==> flow/design.v <==
module dp_sub_unit_mod #(
  parameter integer W = 96
) (
  input wire clk,
  input wire clr,
  input wire [W-1:0] u_i,
  input wire [W-1:0] v_i,
  output reg [W:0] res_o,
  output reg [W:0] diff_o
);
  always @(posedge clk) begin
    if (clr) begin
      res_o <= 0;
      diff_o <= 0;
    end else begin
      res_o <= u_i + v_i;
      diff_o <= u_i - v_i;
    end
  end
endmodule
== Tool chain data of dp_sub_unit_mod ==
The steps from the RTL of dp_sub_unit_mod to its reports follow in flow order.
Lines are those of the file above, counted from 1.
Cell names lack the library's common part.
Not given: -

* Top module: dp_sub_unit_mod
* Clock input: clk
* Standard-cell library: sky130hd
* Corner: tt_025C_1v80

== Word-level counts ==
Source: Yosys, flattened and elaborated, memories not mapped. Widths are those after wreduce; folded enables and synchronous resets count as part of the registers. Registers that Yosys merges into a memory's read port (data or address) are not register bits. Print and check cells do not count. Equal cells are merged and count once.

* Register bits after elaboration: 194
* Output and inout bits: 194
* Word-level cells: 4

* $add $sub $neg: 2

{| class="wikitable"
|+ Operator list
! kind !! number
|-
| 96-bit by 96-bit adder with 97-bit output || 1
|-
| 96-bit by 96-bit subtractor with 97-bit output || 1
|}

== Depth ==
Depth = most cells in a row (Yosys ltp): at word level without a register or memory, in the mapped netlist without a sequential cell, where the memories' decode and read muxes count.

* Depth after elaboration: 1
* ABC_AREA: 0
* Gate-level depth with buffers: 15

== Synthesis result ==
Yosys stat after the flow's synthesis: flattened, memories mapped to cells. It holds for the ABC_AREA given above (unset counts as 0); a run with the other value may have another netlist.

{| class="wikitable"
|+ Cells by type
! cell !! number
|-
| dfxtp_1 || 193
|-
| ha_1 || 192
|-
| xnor2_1 || 158
|-
| nor2_1 || 365
|-
| a21oi_1 || 269
|-
| inv_1 || 176
|-
| o21bai_1 || 68
|-
| o21ai_0 || 94
|-
| nand2_1 || 124
|-
| nand4_1 || 60
|-
| clkbuf_1 || 90
|-
| o31ai_1 || 36
|-
| nor4_1 || 40
|-
| nor3_1 || 45
|-
| nand3_1 || 43
|-
| a31oi_1 || 32
|-
| nor2b_1 || 30
|-
| o21ai_1 || 31
|}

Not listed: further types 60, cells in them 311.

* Mapped cells: 2,357
* Mapped area: 17,047.6 µm²
* Sequential part of the area: 3,863.7 µm²
* Flip-flop cells: 193
* Buffer cells: 114

== Path before layout ==
Source: OpenSTA report_checks on the synthesized netlist (no wires, ideal clock, input and output delay 20% of the period each), path of least setup slack; recovery checks are left aside. Register names are those of the netlist, which keeps one name where synthesis merged equal registers.

* Path kind: input -> register
* Start: input v_i[9]
* End: register res_o[90]
* Clock period: 5,170 ps
* External input delay: 1,034 ps
* Time at the first pin: 1,034 ps
* Arrival time: 4,223 ps
* Required time: 5,047 ps
* Setup slack: 823 ps
* Delay of the path: 3,312 ps
* Stages: 13
* Path buffers: 0
* Synthesis period reached: 4,347 ps

"delay of the path" is the arrival time less input delay plus setup time.
"stages" counts driving pins, that of a launching flip-flop among them; a cell with two outputs on the path counts twice.
"synthesis period reached" is the clock period less the worst setup slack; recovery checks do not enter. This is arithmetic on one report: input and output delays are still those of the set period (20% each).
The rows between start and end are the longest chain of elaborated cells between them; the timing report does not say that the signal goes this way. Where chains are equally long, one stands for them.
A line is the first line of the expression or statement that the cell stems from. Yosys adds cells for indexed reads and writes and turns some case tables into memories.

* Path through: inv_1 ha_1 or4_4 a2111oi_4 nor2_2 o31ai_4 a31oi_2 o21ai_2 a31oi_1 o31a_1 o21a_1 a31oi_1 mux2_1
* Length of the longest elaborated chain: 1

{| class="wikitable"
|+ RTL lines, path post-synthesis
! what !! line !! text
|-
| from (decl) || 7 || <nowiki>input wire [W-1:0] v_i,</nowiki>
|-
| 96-bit by 96-bit adder with 97-bit output || 16 || <nowiki>res_o <= u_i + v_i;</nowiki>
|-
| to (assign) || 13 || <nowiki>res_o <= 0;</nowiki>
|-
| to (assign) || 16 ||
|-
| to (decl) || 8 || <nowiki>output reg [W:0] res_o,</nowiki>
|}

== Worst path after layout ==
Path of least setup slack in the final report of entry A (OpenROAD, finished layout, wires in). Where an end is a register, its clock arrival counts in the times.
The path's times are printed in steps of 10 ps; the period is the one set.

* Path kind: input -> register
* Start: input v_i[36]
* End: register res_o[90]
* Clock period: 5,170 ps
* External input delay: 1,030 ps
* Time at the first pin: 1,030 ps
* Arrival time: 5,480 ps
* Required time: 5,570 ps
* Setup slack: 80 ps
* Stages: 16
* Path buffers: 2

The rows between start and end are the longest chain of elaborated cells between them; the timing report does not say that the signal goes this way. Where chains are equally long, one stands for them.

* Path through: clkdlybuf4s50_1 inv_1 ha_1 nor2_1 nand2_1 a21oi_1 o21ai_1 a311oi_1 nor3b_2 buf_4 o21ai_2 a31oi_1 o31a_1 o21a_1 a31oi_1 mux2_1
* Length of the longest elaborated chain: 1

{| class="wikitable"
|+ RTL lines, path after layout
! what !! line !! text
|-
| from (decl) || 7 || <nowiki>input wire [W-1:0] v_i,</nowiki>
|-
| 96-bit by 96-bit adder with 97-bit output || 16 || <nowiki>res_o <= u_i + v_i;</nowiki>
|-
| to (assign) || 13 || <nowiki>res_o <= 0;</nowiki>
|-
| to (assign) || 16 ||
|-
| to (decl) || 8 || <nowiki>output reg [W:0] res_o,</nowiki>
|}

# Flow runs of dp_sub_unit_mod

Measured data: module dp_sub_unit_mod, platform sky130hd, 3 stored runs of the flow under differing settings, order arbitrary. Input and output delays are each 20% of the period that was set; the output load is 0.01 pF.
By "achieved clock period" is meant the clock period of the run minus its worst setup slack. This is arithmetic on one report: input and output delays are still those of the set period (20% each).
"worst setup path time": the worst setup path's part of the clock period (all of it between registers, 20% less for each end at a port) less its slack. A launch clock that arrives late makes it longer, a capture clock that arrives late makes it shorter.
By "power" is meant OpenSTA's value without simulated activity: inputs other than the clock are taken to toggle once in ten clock periods, and the tool carries that through the logic.
"worst setup path time" is known to 10 ps.

Entry A
==> flow/run.sh <==
#!/bin/bash
# the make line also repeats the synthesis and layout settings of config.mk as NAME=value (left out here)
make -C /OpenROAD-flow-scripts/flow DESIGN_CONFIG=/design/flow/config.mk WORK_HOME=/design/flow/orfs CLKGATE_MAP_FILE= finish
==> flow/config.mk <==
export PLATFORM = sky130hd
export DESIGN_NAME = dp_sub_unit_mod
export DESIGN_NICKNAME = dp_sub_unit_mod
export VERILOG_FILES = /design/flow/design.v
export SDC_FILE = /design/flow/constraint.sdc
export NUM_CORES = 4
export LEC_CHECK = 0
export CAP_MARGIN = 20
export CORE_MARGIN = 2
export CORE_UTILIZATION = 40
export SLEW_MARGIN = 20
==> flow/constraint.sdc <==
create_clock -name core_clock -period 5.17 [get_ports {clk}]
set_input_delay 1.0340 -clock core_clock [delete_from_list [all_inputs] [get_ports {clk}]]
set_output_delay 1.0340 -clock core_clock [all_outputs]
set_load 0.01 [all_outputs]

==> results of entry A <==
chip area after synthesis (Yosys): 17,047.6 µm²
die area: 44,287.1 µm²
standard-cell area of the final layout: 23,100.9 µm²
utilization: 54.9 %
worst setup slack after layout: 84 ps
total negative slack: 0 ps
worst hold slack: 1,020 ps
power: 6,065 uW
achieved clock period: 5,086 ps
worst setup path time: 4,050 ps
worst setup path kind: input -> register

Entry B
==> flow/run.sh <==
#!/bin/bash
# the make line also repeats the synthesis and layout settings of config.mk as NAME=value (left out here)
make -C /OpenROAD-flow-scripts/flow DESIGN_CONFIG=/design/flow/config.mk WORK_HOME=/design/flow/orfs CLKGATE_MAP_FILE= finish
==> flow/config.mk <==
export PLATFORM = sky130hd
export DESIGN_NAME = dp_sub_unit_mod
export DESIGN_NICKNAME = dp_sub_unit_mod
export VERILOG_FILES = /design/flow/design.v
export SDC_FILE = /design/flow/constraint.sdc
export NUM_CORES = 4
export LEC_CHECK = 0
export CAP_MARGIN = 20
export CELL_PAD_IN_SITES_GLOBAL_PLACEMENT = 1
export CORE_MARGIN = 2
export CORE_UTILIZATION = 72
export CTS_CLUSTER_DIAMETER = 228
export GPL_TIMING_DRIVEN = 1
export MAX_ROUTING_LAYER = met4
export MIN_ROUTING_LAYER = met2
export PLACE_DENSITY_LB_ADDON = 0.25
export SETUP_SLACK_MARGIN = -0.22
export SLEW_MARGIN = 20
export TNS_END_PERCENT = 85
==> flow/constraint.sdc <==
create_clock -name core_clock -period 7.6 [get_ports {clk}]
set_input_delay 1.5200 -clock core_clock [delete_from_list [all_inputs] [get_ports {clk}]]
set_output_delay 1.5200 -clock core_clock [all_outputs]
set_load 0.01 [all_outputs]

==> results of entry B <==
did not finish, placement stopped with FLW-0024

Entry C
==> flow/run.sh <==
#!/bin/bash
# the make line also repeats the synthesis and layout settings of config.mk as NAME=value (left out here)
make -C /OpenROAD-flow-scripts/flow DESIGN_CONFIG=/design/flow/config.mk WORK_HOME=/design/flow/orfs CLKGATE_MAP_FILE= finish
==> flow/config.mk <==
export PLATFORM = sky130hd
export DESIGN_NAME = dp_sub_unit_mod
export DESIGN_NICKNAME = dp_sub_unit_mod
export VERILOG_FILES = /design/flow/design.v
export SDC_FILE = /design/flow/constraint.sdc
export NUM_CORES = 4
export LEC_CHECK = 0
export CAP_MARGIN = 30
export CELL_PAD_IN_SITES_GLOBAL_PLACEMENT = 1
export CORE_ASPECT_RATIO = 0.86
export CORE_MARGIN = 2
export CORE_UTILIZATION = 36
export CTS_CLUSTER_DIAMETER = 104
export GPL_ROUTABILITY_DRIVEN = 1
export MAX_ROUTING_LAYER = met5
export MIN_ROUTING_LAYER = met1
export PLACE_DENSITY_LB_ADDON = 0.02
export SLEW_MARGIN = 20
==> flow/constraint.sdc <==
create_clock -name core_clock -period 4.67 [get_ports {clk}]
set_input_delay 0.9340 -clock core_clock [delete_from_list [all_inputs] [get_ports {clk}]]
set_output_delay 0.9340 -clock core_clock [all_outputs]
set_load 0.01 [all_outputs]

==> results of entry C <==
chip area after synthesis (Yosys): 17,047.6 µm²
die area: 49,116.4 µm²
standard-cell area of the final layout: 25,027.8 µm²
utilization: 53.8 %
worst setup slack after layout: 78 ps
total negative slack: 0 ps
worst hold slack: 825 ps
power: 6,943 uW
achieved clock period: 4,592 ps
worst setup path time: 3,660 ps
worst setup path kind: input -> register
